==> flow/design.v <==
module mul_unit #(
  parameter DATA_W = 4
) (
  input  clk_i,
  input  clk_en,
  input  [DATA_W-1:0] rs1_in,
  input  [DATA_W-1:0] rs2_in,
  output reg [2*DATA_W-1:0] prod_out
);
  reg [DATA_W-1:0] rs1_r;
  reg [DATA_W-1:0] rs2_r;
  reg [2*DATA_W-1:0] r;
  integer k;
  always @* begin
    r = 0;
    for (k = 0; k < DATA_W; k = k + 1)
      if (rs2_r[k]) r = r + (rs1_r << k);
  end
  always @(posedge clk_i) begin
    if (clk_en) begin
      rs1_r <= rs1_in;
      rs2_r <= rs2_in;
      prod_out <= r;
    end
  end
endmodule
; From RTL to reports: mul_unit
; The steps from the RTL of mul_unit to its reports follow in flow order.
; Line numbers count from 1 in the design file above.
; A cell with - has no value.
[design]
top = mul_unit
clk_port = clk_i
cell_library = sky130hd
lib_corner = tt_025C_1v80

; After elaboration
; Source: Yosys, flattened and elaborated, memories not mapped. Widths are those after wreduce; folded enables and synchronous resets count as part of the registers. Registers that Yosys merges into a memory's read port (data or address) are not register bits. Print and check cells do not count. Equal cells are merged and count once.
[word_totals]
inputBits = 10
reg_bits = 16
[op_classes]
addsub = 3
mux = 4
[op_table]
columns = operator, n
row1 = 8-bit 2-to-1 mux, 3
row2 = 8-bit by 5-bit adder with 8-bit output, 1
row3 = 8-bit by 6-bit adder with 8-bit output, 1
row4 = 8-bit by 7-bit adder with 8-bit output, 1
row5 = 4-bit 2-to-1 mux, 1

; Depth
; Longest topological path by Yosys (ltp), each cell counted once; first at word level (registers and memories cut), then after technology mapping (sequential cells cut; the memories' decode and read muxes count).
[depth]
depth_word = 7
abc_area = 0
mapped_depth = 17
mapped_depth_nobuf = 17

; After synthesis
; Source: synth_stat.txt of the flow (Yosys; design flattened, memories mapped). It holds for the ABC_AREA given above (unset counts as 0); a run with the other value may have another netlist.
; The area totals of this step are shown rounded.
[synth_totals]
seqArea_um2 = 480.5
ff_cells = 16
stdcells = 93
buffers = 3
yosys_area_um2 = 1091
[by_type]
columns = cell_type, n, area_total_um2
row1 = sky130_fd_sc_hd__edfxtp_1, 16, 480.461
row2 = sky130_fd_sc_hd__ha_1, 11, 137.632
row3 = sky130_fd_sc_hd__fa_1, 3, 60.058
row4 = sky130_fd_sc_hd__o21a_1, 6, 45.043
row5 = sky130_fd_sc_hd__mux2i_1, 4, 40.038
row6 = sky130_fd_sc_hd__mux2_2, 3, 33.782
row7 = sky130_fd_sc_hd__inv_1, 8, 30.029
row8 = sky130_fd_sc_hd__nand2_1, 8, 30.029
row9 = sky130_fd_sc_hd__xnor2_1, 3, 26.275
row10 = sky130_fd_sc_hd__a21oi_1, 5, 25.024
row11 = sky130_fd_sc_hd__nand2b_1, 3, 18.768
row12 = sky130_fd_sc_hd__xor2_1, 2, 17.517
row13 = sky130_fd_sc_hd__xor2_2, 1, 16.266
row14 = sky130_fd_sc_hd__a21o_1, 2, 15.014
row15 = sky130_fd_sc_hd__a221oi_2, 1, 15.014
row16 = sky130_fd_sc_hd__and2_1, 2, 12.512
row17 = sky130_fd_sc_hd__nor2b_1, 2, 12.512
row18 = sky130_fd_sc_hd__maj3_1, 1, 10.01
; Not listed: further types 10, cells in them 12.

; Path before layout
; Path of least setup slack by OpenSTA after synthesis, without wires, with an ideal clock, recovery checks aside; 20% of the period is set as input and as output delay. Where synthesis merged equal registers, the netlist keeps one of their names.
[synth_path]
path_type = flip-flop to flip-flop
from = reg rs1_r[1]
to = reg prod_out[6]
driving_pins = 18
path_delay_ns = 3.539
t_arrival_ns = 3.279
slack_ns = 0.881
setup_time_ns = 0.260
clock_period_ns = 4.42
t_required_ns = 4.160
period_less_setup_slack_ns = 3.539
; "path_delay_ns" is the arrival time less input delay plus setup time.
; "driving_pins": output pins that drive a net of the path, with the launching flip-flop's if there is one; two outputs of one cell count as two.
; "period_less_setup_slack_ns" is the clock period less the worst setup slack; recovery checks do not enter. This is arithmetic on one report: input and output delays are still those of the set period (20% each).
; Between the ends stands the longest chain of elaborated cells between them, by number of cells; it is not shown to be the way that was timed. Of several equally long chains one is given.
; Each line given opens the expression or statement behind the cell; cells for indexed reads and writes are added by Yosys, which also makes memories of some case tables.
[synth_via]
cell_sequence = sky130_fd_sc_hd__edfxtp_1 -> sky130_fd_sc_hd__and2_1 -> sky130_fd_sc_hd__ha_1 -> sky130_fd_sc_hd__inv_1 -> sky130_fd_sc_hd__fa_1 -> sky130_fd_sc_hd__xnor2_1 -> sky130_fd_sc_hd__nand2_1 -> sky130_fd_sc_hd__xor2_2 -> sky130_fd_sc_hd__ha_1 -> sky130_fd_sc_hd__a21o_1 -> sky130_fd_sc_hd__a21oi_1 -> sky130_fd_sc_hd__xor2_1 -> sky130_fd_sc_hd__mux2i_1 -> sky130_fd_sc_hd__ha_1 -> sky130_fd_sc_hd__a21oi_1 -> sky130_fd_sc_hd__nand2_1 -> sky130_fd_sc_hd__xor2_1 -> sky130_fd_sc_hd__mux2_2
elab_chain_len = 7
cells_between = 7
cone_lines = 1
classes_between = 3 x add/sub; 4 x mux
[synth_lines]
columns = item, line
row1 = start: declaration, 10  ; reg [DATA_W-1:0] rs1_r;
row2 = start: assignment, 21  ; rs1_r <= rs1_in;
row3 = 4-bit 2-to-1 mux, 17  ; if (rs2_r[k]) r = r + (rs1_r << k);
row4 = 8-bit by 5-bit adder with 8-bit output, 17
row5 = 8-bit 2-to-1 mux, 17
row6 = 8-bit by 6-bit adder with 8-bit output, 17
row7 = 8-bit 2-to-1 mux, 17
row8 = 8-bit by 7-bit adder with 8-bit output, 17
row9 = 8-bit 2-to-1 mux, 17
row10 = end: assignment, 23  ; prod_out <= r;
row11 = end: declaration, 8  ; output reg [2*DATA_W-1:0] prod_out

; Timing after layout
; Path of least setup slack in the final report of stored run 1 (OpenROAD, finished layout, wires in). Where an end is a register, its clock arrival counts in the times.
[layout_path]
path_type = flip-flop to flip-flop
from = reg rs1_r[1]
to = reg prod_out[6]
driving_pins = 18
t_required_ns = 4.26
clock_period_ns = 4.2
slack_ns = 0.57
setup_time_ns = 0.23
t_arrival_ns = 3.69
; Between the ends stands the longest chain of elaborated cells between them, by number of cells; it is not shown to be the way that was timed. Of several equally long chains one is given.
[layout_via]
cell_sequence = sky130_fd_sc_hd__edfxtp_1 -> sky130_fd_sc_hd__and2_4 -> sky130_fd_sc_hd__ha_4 -> sky130_fd_sc_hd__inv_2 -> sky130_fd_sc_hd__fa_2 -> sky130_fd_sc_hd__xnor2_2 -> sky130_fd_sc_hd__nand2_2 -> sky130_fd_sc_hd__xor2_2 -> sky130_fd_sc_hd__ha_1 -> sky130_fd_sc_hd__a21o_1 -> sky130_fd_sc_hd__a21oi_2 -> sky130_fd_sc_hd__xor2_1 -> sky130_fd_sc_hd__mux2i_1 -> sky130_fd_sc_hd__ha_1 -> sky130_fd_sc_hd__a21oi_2 -> sky130_fd_sc_hd__nand2_1 -> sky130_fd_sc_hd__xor2_1 -> sky130_fd_sc_hd__mux2_4
elab_chain_len = 7
cells_between = 7
cone_lines = 1
classes_between = 3 x add/sub; 4 x mux
[layout_lines]
columns = item, line
row1 = start: declaration, 10  ; reg [DATA_W-1:0] rs1_r;
row2 = start: assignment, 21  ; rs1_r <= rs1_in;
row3 = 4-bit 2-to-1 mux, 17  ; if (rs2_r[k]) r = r + (rs1_r << k);
row4 = 8-bit by 5-bit adder with 8-bit output, 17
row5 = 8-bit 2-to-1 mux, 17
row6 = 8-bit by 6-bit adder with 8-bit output, 17
row7 = 8-bit 2-to-1 mux, 17
row8 = 8-bit by 7-bit adder with 8-bit output, 17
row9 = 8-bit 2-to-1 mux, 17
row10 = end: assignment, 23  ; prod_out <= r;
row11 = end: declaration, 8  ; output reg [2*DATA_W-1:0] prod_out

; Measured data: module mul_unit, platform sky130hd, 3 stored runs of the flow under differing settings, order arbitrary. Input and output delays are each 20% of the period that was set; the output load is 0.01 pF.
; "timing.achieved_period_ns" = clock period - worst setup slack. The figure is calculated, with input and output delays left at 20% of the set period.
; "timing.worst_path_ns" means the part of the period allowed to the worst setup path (the constraints hold back 20% at inputs and 20% at outputs) less its slack; where the path has registers, the arrival times of their clocks count too.
; "power_mw" rests on the timing tool's default activity at the inputs, not on a simulated workload.
; Values from the reports are rounded here.

[stored run 1: settings]
period_ns = 4.2
CORE_UTILIZATION = 32
SETUP_SLACK_MARGIN = 0.6
PLACE_DENSITY_LB_ADDON = 0.23
HOLD_SLACK_MARGIN = -0.05
GPL_TIMING_DRIVEN = 0
SLEW_MARGIN = 35
MAX_ROUTING_LAYER = met4
CAP_MARGIN = 20
CORE_MARGIN = 2
[stored run 1: results]
die_area_um2 = 3893
timing.achieved_period_ns = 3.631
synthArea_um2 = 1091
worst_setup_slack_ns = 0.569
final_hold_ws_ns = 0.669
layout_utilization_pct = 46.0
timing.worst_path_ns = 3.63
worst_setup_path_type = flip-flop to flip-flop
power_mw = 0.5406
finish.stdcell_area_um2 = 1524
fin_tns_ns = 0.000

[stored run 2: settings]
period_ns = 3.26
CORE_UTILIZATION = 43
PLACE_DENSITY_LB_ADDON = 0.06
CORE_ASPECT_RATIO = 0.9
CELL_PAD_IN_SITES_GLOBAL_PLACEMENT = 0
CTS_CLUSTER_DIAMETER = 359
MIN_ROUTING_LAYER = met1
CAP_MARGIN = 20
CORE_MARGIN = 2
SLEW_MARGIN = 20
[stored run 2: results]
die_area_um2 = 2957
timing.achieved_period_ns = 3.600
synthArea_um2 = 1091
worst_setup_slack_ns = -0.340
final_hold_ws_ns = 0.725
layout_utilization_pct = 62.7
timing.worst_path_ns = 3.60
worst_setup_path_type = flip-flop to flip-flop
power_mw = 0.7011
finish.stdcell_area_um2 = 1521
fin_tns_ns = -0.868

[stored run 3: settings]
period_ns = 4.42
CAP_MARGIN = 20
CORE_MARGIN = 2
CORE_UTILIZATION = 40
SLEW_MARGIN = 20
[stored run 3: results]
die_area_um2 = 3161
timing.achieved_period_ns = 3.907
synthArea_um2 = 1091
worst_setup_slack_ns = 0.513
final_hold_ws_ns = 0.673
layout_utilization_pct = 52.0
timing.worst_path_ns = 3.91
worst_setup_path_type = flip-flop to flip-flop
power_mw = 0.4541
finish.stdcell_area_um2 = 1313
fin_tns_ns = 0.000
